==> flow/design.v <==
module dp_arith_add_mod #(
  parameter integer WD = 32
) (
  input wire aclk,
  input wire srst,
  input wire [WD-1:0] in0,
  input wire [WD-1:0] in1,
  input wire carry_in,
  output wire [WD-1:0] o,
  output wire carry_out
);
  wire [WD:0] r = in0 + in1 + carry_in;
  reg [WD-1:0] o_d1;
  always @(posedge aclk) begin
    if (srst) begin
      o_d1 <= 0;
    end else begin
      o_d1 <= r[WD-1:0];
    end
  end
  assign o = o_d1;
  reg carry_out_d1;
  always @(posedge aclk) begin
    if (srst) begin
      carry_out_d1 <= 1'b0;
    end else begin
      carry_out_d1 <= r[WD];
    end
  end
  assign carry_out = carry_out_d1;
endmodule
* From RTL to reports: dp_arith_add_mod
The steps from the RTL of dp_arith_add_mod to its reports follow in flow order.
Lines are those of the file above, counted from 1.
Library cell names are shortened.
The mark - stands for no value.
- Design top :: dp_arith_add_mod
- Clock :: aclk
- Cell library :: sky130hd
- Library corner :: tt_025C_1v80

* Word level
Counts by Yosys on the flattened word-level netlist (proc, flatten, opt, wreduce; memories kept). Register bits leave out memories and registers merged into their read ports (data or address); mux counts leave out enables and synchronous resets folded into registers. Print and check cells are left out. Cells with the same type and inputs are merged into one.
- Add/sub/neg operators :: 2
** Operators with widths (number)
- 32-bit by 32-bit adder with 33-bit output :: 1
- 33-bit by 1-bit adder with 33-bit output :: 1
- Register bits :: 33
- Bits of input ports :: 67

* Depth
Depth = most cells in a row (Yosys ltp): at word level without a register or memory, in the mapped netlist without a sequential cell, where the memories' decode and read muxes count.
- Depth in word-level cells :: 2
- ABC_AREA :: 0
- Gate-level depth with buffers :: 9

* Synthesis result
Yosys stat after the flow's synthesis: flattened, memories mapped to cells. It holds for the ABC_AREA given above (unset counts as 0); a run with the other value may have another netlist.
The area totals of this step are shown rounded.
- Buffer cells :: 11
- Mapped flip-flops :: 33
- Sequential area :: 661 µm²
- Standard cells after synthesis :: 326
- Mapped area :: 2580 µm²
** Cells by type (number)
- dfxtp_1 :: 33
- ha_1 :: 31
- nor2_1 :: 52
- a21oi_1 :: 27
- xor2_1 :: 12
- xnor2_1 :: 11
- o21ai_0 :: 19
- nand2_1 :: 22
- a21o_1 :: 9
- nor2b_1 :: 10
- a31oi_1 :: 9
- mux2_2 :: 4
- fa_1 :: 2
- nand3_1 :: 8
- a211oi_1 :: 5
- clkbuf_1 :: 10
- o211ai_1 :: 5
- o21bai_1 :: 5
Not listed: further types 27, cells in them 52.

* Timing after synthesis
Source: OpenSTA report_checks on the synthesized netlist (no wires, ideal clock, input and output delay 20% of the period each), path of least setup slack; recovery checks are left aside. Register names are those of the netlist, which keeps one name where synthesis merged equal registers.
- Path type :: input to register
- Start :: input port in0[0]
- End :: register o_d1[26]
- Arrival time :: 3.261 ns
- Path delay :: 2.578 ns
- Stages on the path :: 9
- Required time :: 3.907 ns
- Period :: 4.03 ns
- Input delay :: 0.806 ns
- Path slack :: 0.646 ns
- Period reached after synthesis :: 3.384 ns
"path delay" is the arrival time less input delay plus setup time.
"stages on the path" counts driving pins, that of a launching flip-flop among them; a cell with two outputs on the path counts twice.
"period reached after synthesis" = period - worst setup slack (recovery checks aside). The figure is calculated, with input and output delays left at 20% of the set period.
The rows between start and end are the longest chain of elaborated cells between them; the timing report does not say that the signal goes this way. Where chains are equally long, one stands for them.
A line is the first line of the expression or statement that the cell stems from. Yosys adds cells for indexed reads and writes and turns some case tables into memories.
- Cell sequence :: fa_1 > fa_1 > a21o_1 > a221o_1 > nand3_2 > o21ai_2 > a211o_1 > a221oi_2 > mux2_1
- Length of the longest elaborated chain :: 2
- Elaborated cells between the ends (all ways) :: 2
- RTL lines with such cells :: 1
- Those cells by class :: add/sub: 2
** Ends and longest elaborated chain, after synthesis
- start, declared :: line 6 : input wire [WD-1:0] in0,
- 32-bit by 32-bit adder with 33-bit output :: line 12 : wire [WD:0] r = in0 + in1 + carry_in;
- 33-bit by 1-bit adder with 33-bit output :: line 12
- end, assigned :: line 16 : o_d1 <= 0;
- end, assigned :: line 18 : o_d1 <= r[WD-1:0];
- end, declared :: line 13 : reg [WD-1:0] o_d1;

* Timing after layout
Path of least setup slack in the final report of run B (OpenROAD, finished layout, wires in). Where an end is a register, its clock arrival counts in the times.
- Path type :: input to register
- Start :: input port in0[0]
- End :: register o_d1[30]
- Period :: 2.69 ns
- Required time :: 2.88 ns
- Arrival time :: 3.01 ns
- Input delay :: 0.54 ns
- Path slack :: -0.14 ns
- Stages on the path :: 11
The rows between start and end are the longest chain of elaborated cells between them; the timing report does not say that the signal goes this way. Where chains are equally long, one stands for them.
- Cell sequence :: buf_6 > fa_2 > fa_2 > a21o_1 > a221o_1 > nand3_2 > o21ai_4 > a211o_1 > buf_4 > a31oi_4 > mux2_4
- Length of the longest elaborated chain :: 2
- Elaborated cells between the ends (all ways) :: 2
- RTL lines with such cells :: 1
- Those cells by class :: add/sub: 2
** Ends and longest elaborated chain, post-layout
- start, declared :: line 6 : input wire [WD-1:0] in0,
- 32-bit by 32-bit adder with 33-bit output :: line 12 : wire [WD:0] r = in0 + in1 + carry_in;
- 33-bit by 1-bit adder with 33-bit output :: line 12
- end, assigned :: line 16 : o_d1 <= 0;
- end, assigned :: line 18 : o_d1 <= r[WD-1:0];
- end, declared :: line 13 : reg [WD-1:0] o_d1;

Flow measurements of dp_arith_add_mod on sky130hd: 3 stored runs with different settings, listed in no order. Input and output delays are each 20% of the period that was set; the output load is 0.01 pF.
"period achieved" is the run's clock period less its worst setup slack. It is reckoned from that one timing run; input and output delays stay at 20% of the period that was set.
"time of the worst setup path" = time allowed to the worst setup path (clock period - input delay - output delay, where it has them) - its slack; a late launch clock adds to it, a late capture clock takes from it.
"power consumption": no workload was simulated; the value follows from the tool's default switching activity.
The results are shown rounded.

** Run A
- Settings :: period_ns=3.27; CORE_UTILIZATION=43; CORE_ASPECT_RATIO=1.45; CELL_PAD_IN_SITES_GLOBAL_PLACEMENT=2; TNS_END_PERCENT=70; ABC_AREA=0; GPL_TIMING_DRIVEN=1; GPL_ROUTABILITY_DRIVEN=1; CTS_CLUSTER_SIZE=66; CAP_MARGIN=40; SLEW_MARGIN=20; MAX_ROUTING_LAYER=met5; CORE_MARGIN=2
- Outcome :: not finished: placement ended with error GPL-0301

** Run B
- Settings :: period_ns=2.69; CORE_UTILIZATION=31; SETUP_SLACK_MARGIN=0.39; PLACE_DENSITY_LB_ADDON=0.05; HOLD_SLACK_MARGIN=0.29; CORE_MARGIN=6; CTS_CLUSTER_SIZE=81; CTS_CLUSTER_DIAMETER=115; CAP_MARGIN=10; MIN_ROUTING_LAYER=met2; SLEW_MARGIN=20
- Time of the worst setup path :: 2.29 ns
- Worst setup path type :: input to register
- Lowest hold slack :: 0.655 ns
- Summed negative setup slack :: -0.342 ns
- Setup slack of the critical path :: -0.136 ns
- Post-synthesis cell area :: 2,580 µm²
- Utilization after layout :: 0.628
- Power consumption :: 2.19 mW
- Area inside the die boundary :: 10,700 µm²
- Period achieved :: 2.826 ns

** Run C
- Settings :: period_ns=4.03; CAP_MARGIN=20; CORE_MARGIN=2; CORE_UTILIZATION=40; SLEW_MARGIN=20
- Time of the worst setup path :: 2.84 ns
- Worst setup path type :: input to register
- Lowest hold slack :: 1.30 ns
- Summed negative setup slack :: 0.000 ns
- Setup slack of the critical path :: 0.381 ns
- Post-synthesis cell area :: 2,580 µm²
- Utilization after layout :: 0.598
- Power consumption :: 1.22 mW
- Area inside the die boundary :: 7,100 µm²
- Period achieved :: 3.649 ns
